==> flow/design.v <==
module dp_barrel_mod #(
   parameter W = 96,
   parameter LOGN = $clog2(W)
) (
   input wire core_clk,
   input wire resetn,
   input wire step,
   input wire [W-1:0] i_din,
   input wire [LOGN-1:0] i_n,
   input wire [1:0] i_kind,
   output reg [W-1:0] o_out
);
   reg [W-1:0] tmp;
   always @(*) begin
      case (i_kind)
         2'b00: tmp = i_din << i_n;
         2'b01: tmp = i_din >> i_n;
         2'b10: tmp = $signed(i_din) >>> i_n;
         default: tmp = i_din;
      endcase
   end
   always @(posedge core_clk) begin
      if (~resetn) begin
         o_out <= 0;
      end else if (step) begin
         o_out <= tmp;
      end
   end
endmodule
Tool chain data of dp_barrel_mod
What the tools print for dp_barrel_mod, step after step.
Lines are those of the file above, counted from 1.
Operators carry their Yosys type and port widths (W data, S select, Z words).
Cell names lack the library's common part.
The mark - stands for no value.
- top module: dp_barrel_mod
- clock port: core_clk
- cell library: sky130hd
- corner: tt_025C_1v80

Elaborated design
Yosys after proc, flatten, opt, wreduce and memory -nomap, before mapping. Enables and synchronous resets that opt folds into registers are not counted as muxes. Memory bits, and registers merged into a memory's read port (data or address), are not among the register bits. Print and check cells are not counted. Equal cells are merged and count once.
- output and inout bits: 96
- word-level cells at 8
- noted input bits: 108
- noted register bits: 96
- reduce/logical cells at 1
- shift operators: 3
- multiplexer cells: 1
- eq/ne operators at 2
- operators by type and width (operator ; count):
    $pmux W96 S3 ; 1
    $shl A96 B7 Y96 ; 1
    $shr A96 B7 Y96 ; 1
    $sshr A96 B7 Y96 ; 1
    $eq A2 B1 Y1 const B ; 1
    $eq A2 B2 Y1 const B ; 1
    $logic_not A2 Y1 ; 1

Logic depth
Yosys ltp: most cells in a row. Word level: on the elaborated netlist, between registers, memories and ports. Mapped: between sequential cells and ports; inverters and the memories' decode and read muxes count.
- noted depth after elaboration: 2
- ABC_AREA: 0
- gate-level depth with buffers at 13
- noted mapped depth without buffers: 7

After synthesis
Source: synth_stat.txt of the flow (Yosys; design flattened, memories mapped). It holds for the ABC_AREA given above (unset counts as 0); a run with the other value may have another netlist.
- cell types (cell ; count ; total area (um^2)):
    mux4_2 ; 237 ; 5.34E+03
    dfxtp_1 ; 96 ; 1.92E+03
    mux2i_1 ; 173 ; 1.73E+03
    mux2_2 ; 147 ; 1.66E+03
    o21ai_0 ; 208 ; 1.04E+03
    nand2_1 ; 270 ; 1.01E+03
    clkbuf_1 ; 202 ; 758.227
    nor2_1 ; 195 ; 731.952
    a21oi_1 ; 124 ; 620.595
    o211ai_1 ; 55 ; 412.896
    o22ai_1 ; 61 ; 381.616
    a211oi_1 ; 49 ; 367.853
    buf_4 ; 48 ; 360.346
    o221ai_1 ; 35 ; 306.544
    buf_2 ; 59 ; 295.283
    nor3_1 ; 55 ; 275.264
    a221oi_1 ; 28 ; 245.235
    o2bb2ai_1 ; 27 ; 236.477
Other cell types: 71; their cells: 508.
- noted cell area after synthesis: 21519.4 um^2
- cells in the netlist at 2577
- area of sequential cells: 1921.8 um^2
- noted flip-flops: 96
- noted buffers: 348

Path before layout
Path of least setup slack by OpenSTA after synthesis, without wires, with an ideal clock, recovery checks aside; 20% of the period is set as input and as output delay. Where synthesis merged equal registers, the netlist keeps one of their names.
- kind: in2reg
- from: input i_n[3]
- to: register o_out[13]
- time at the first pin: 684 ps
- buffers on the path: 3
- noted required time: 3286 ps
- slack: 547 ps
- noted clock period: 3420 ps
- data arrival time: 2739 ps
- noted path delay: 2189 ps
- external input delay at 684 ps
- setup time at 134 ps
- driving pins on the path: 10
- synthesis period reached at 2873 ps
"path delay" = arrival - input delay + setup time.
"driving pins on the path": output pins that drive a net of the path, with the launching flip-flop's if there is one; two outputs of one cell count as two.
"synthesis period reached" is the clock period less the worst setup slack; recovery checks do not enter. This is arithmetic on one report: input and output delays are still those of the set period (20% each).
The rows between start and end are the longest chain of elaborated cells between them; the timing report does not say that the signal goes this way. Where chains are equally long, one stands for them.
Each line given opens the expression or statement behind the cell; cells for indexed reads and writes are added by Yosys, which also makes memories of some case tables.
- cell sequence: buf_4 > buf_2 > buf_2 > mux4_2 > mux2_2 > o2bb2ai_1 > a31oi_1 > o22ai_1 > a2111oi_0 > a21oi_1
- cells in the longest elaborated chain: 2
- elaborated cells on any way between the ends: 4
- RTL lines with such cells at 4
- those cells by class: 3 x shift; 1 x mux
- ends and longest elaborated chain, after synthesis (element ; line ; RTL):
    from (decl) ; 9 ; input wire [LOGN-1:0] i_n,
    $sshr A96 B7 Y96 ; 18 ; 2'b10: tmp = $signed(i_din) >>> i_n;
    $pmux W96 S3 ; 15 ; case (i_kind)
    to (assign) ; 24 ; o_out <= 0;
    to (assign) ; 26 ; o_out <= tmp;
    to (decl) ; 11 ; output reg [W-1:0] o_out

Worst path after layout
From the final timing report of flow run A: the path of least setup slack in the routed layout; clock arrival at registers is part of the times.
The path's times are printed in steps of 10 ps; the period is the one set.
- kind: in2reg
- from: input i_n[1]
- to: register o_out[27]
- noted required time: 3000 ps
- setup time at 100 ps
- data arrival time: 3100 ps
- noted clock period: 2690 ps
- buffers on the path: 3
- time at the first pin: 540 ps
- driving pins on the path: 10
- external input delay at 540 ps
- slack: -100 ps
The rows between start and end are the longest chain of elaborated cells between them; the timing report does not say that the signal goes this way. Where chains are equally long, one stands for them.
- cell sequence: buf_16 > buf_12 > mux4_2 > mux2_4 > mux2_4 > mux2_4 > a221oi_4 > a221oi_2 > buf_4 > a21o_1
- cells in the longest elaborated chain: 2
- elaborated cells on any way between the ends: 4
- RTL lines with such cells at 4
- those cells by class: 3 x shift; 1 x mux
- ends and longest elaborated chain, after layout (element ; line ; RTL):
    from (decl) ; 9 ; input wire [LOGN-1:0] i_n,
    $sshr A96 B7 Y96 ; 18 ; 2'b10: tmp = $signed(i_din) >>> i_n;
    $pmux W96 S3 ; 15 ; case (i_kind)
    to (assign) ; 24 ; o_out <= 0;
    to (assign) ; 26 ; o_out <= tmp;
    to (decl) ; 11 ; output reg [W-1:0] o_out

Below are 3 stored runs of the flow (Yosys, OpenROAD; platform sky130hd) on dp_barrel_mod, each with its settings and what was measured, unordered. Constraints: input delay and output delay 20% of the set period each, output load 0.01 pF.
By "clock period reached" is meant the clock period of the run minus its worst setup slack. This is arithmetic on one report: input and output delays are still those of the set period (20% each).
"worst path time" is the time allowed to the run's worst setup path (the clock period less input and output delay, where it has them) less its slack. Clock arrival times count: a late capture clock shortens it, a late launch clock lengthens it.
"power" rests on the timing tool's default activity at the inputs, not on a simulated workload.
"worst path time" is given in steps of 10 ps.

Flow run A

==> flow/run.sh <==
#!/bin/bash
# the make line also repeats the synthesis and layout settings of config.mk as NAME=value (left out here)
make -C /OpenROAD-flow-scripts/flow DESIGN_CONFIG=/design/flow/config.mk WORK_HOME=/design/flow/orfs CLKGATE_MAP_FILE= finish
==> flow/config.mk <==
export PLATFORM = sky130hd
export DESIGN_NAME = dp_barrel_mod
export DESIGN_NICKNAME = dp_barrel_mod
export VERILOG_FILES = /design/flow/design.v
export SDC_FILE = /design/flow/constraint.sdc
export NUM_CORES = 4
export LEC_CHECK = 0
export CAP_MARGIN = 20
export CELL_PAD_IN_SITES_GLOBAL_PLACEMENT = 1
export CORE_MARGIN = 2
export CORE_UTILIZATION = 22
export CTS_CLUSTER_SIZE = 88
export MAX_ROUTING_LAYER = met5
export PLACE_DENSITY = 0.4
export SETUP_SLACK_MARGIN = 0.39
export SLEW_MARGIN = 20
export TNS_END_PERCENT = 50
==> flow/constraint.sdc <==
create_clock -name core_clock -period 2.69 [get_ports {core_clk}]
set_input_delay 0.5380 -clock core_clock [delete_from_list [all_inputs] [get_ports {core_clk}]]
set_output_delay 0.5380 -clock core_clock [all_outputs]
set_load 0.01 [all_outputs]

Measured in flow run A:
- chip area after synthesis (Yosys) at 21519.4 um^2
- die outline area at 100334.0 um^2
- noted the standard-cell area after layout: 42580.8 um^2
- noted the post-layout utilization: 0.44
- noted the worst setup slack after layout: -101 ps
- sum of negative setup slack: -572 ps
- noted the lowest hold slack: 449 ps
- noted the power: 14413 µW
- noted the clock period reached: 2791 ps
- worst path time: 2250 ps
- worst setup path kind: in2reg

Flow run B

==> flow/run.sh <==
#!/bin/bash
# the make line also repeats the synthesis and layout settings of config.mk as NAME=value (left out here)
make -C /OpenROAD-flow-scripts/flow DESIGN_CONFIG=/design/flow/config.mk WORK_HOME=/design/flow/orfs CLKGATE_MAP_FILE= finish
==> flow/config.mk <==
export PLATFORM = sky130hd
export DESIGN_NAME = dp_barrel_mod
export DESIGN_NICKNAME = dp_barrel_mod
export VERILOG_FILES = /design/flow/design.v
export SDC_FILE = /design/flow/constraint.sdc
export NUM_CORES = 4
export LEC_CHECK = 0
export CAP_MARGIN = 10
export CORE_MARGIN = 10
export CORE_UTILIZATION = 34
export CTS_CLUSTER_DIAMETER = 158
export GPL_ROUTABILITY_DRIVEN = 0
export GPL_TIMING_DRIVEN = 0
export PLACE_DENSITY_LB_ADDON = 0.16
export SETUP_SLACK_MARGIN = 0.32
export SLEW_MARGIN = 20
==> flow/constraint.sdc <==
create_clock -name core_clock -period 3.23 [get_ports {core_clk}]
set_input_delay 0.6460 -clock core_clock [delete_from_list [all_inputs] [get_ports {core_clk}]]
set_output_delay 0.6460 -clock core_clock [all_outputs]
set_load 0.01 [all_outputs]

Flow run B: incomplete, routing halted on GRT-0116.

Flow run C

==> flow/run.sh <==
#!/bin/bash
# the make line also repeats the synthesis and layout settings of config.mk as NAME=value (left out here)
make -C /OpenROAD-flow-scripts/flow DESIGN_CONFIG=/design/flow/config.mk WORK_HOME=/design/flow/orfs CLKGATE_MAP_FILE= finish
==> flow/config.mk <==
export PLATFORM = sky130hd
export DESIGN_NAME = dp_barrel_mod
export DESIGN_NICKNAME = dp_barrel_mod
export VERILOG_FILES = /design/flow/design.v
export SDC_FILE = /design/flow/constraint.sdc
export NUM_CORES = 4
export LEC_CHECK = 0
export CAP_MARGIN = 20
export CORE_MARGIN = 2
export CORE_UTILIZATION = 40
export SLEW_MARGIN = 20
==> flow/constraint.sdc <==
create_clock -name core_clock -period 3.42 [get_ports {core_clk}]
set_input_delay 0.6840 -clock core_clock [delete_from_list [all_inputs] [get_ports {core_clk}]]
set_output_delay 0.6840 -clock core_clock [all_outputs]
set_load 0.01 [all_outputs]

Measured in flow run C:
- chip area after synthesis (Yosys) at 21519.4 um^2
- die outline area at 55670.0 um^2
- noted the standard-cell area after layout: 30745.7 um^2
- noted the post-layout utilization: 0.575
- noted the worst setup slack after layout: -173 ps
- sum of negative setup slack: -494 ps
- noted the lowest hold slack: 447 ps
- noted the power: 9044 µW
- noted the clock period reached: 3593 ps
- worst path time: 2910 ps
- worst setup path kind: in2reg
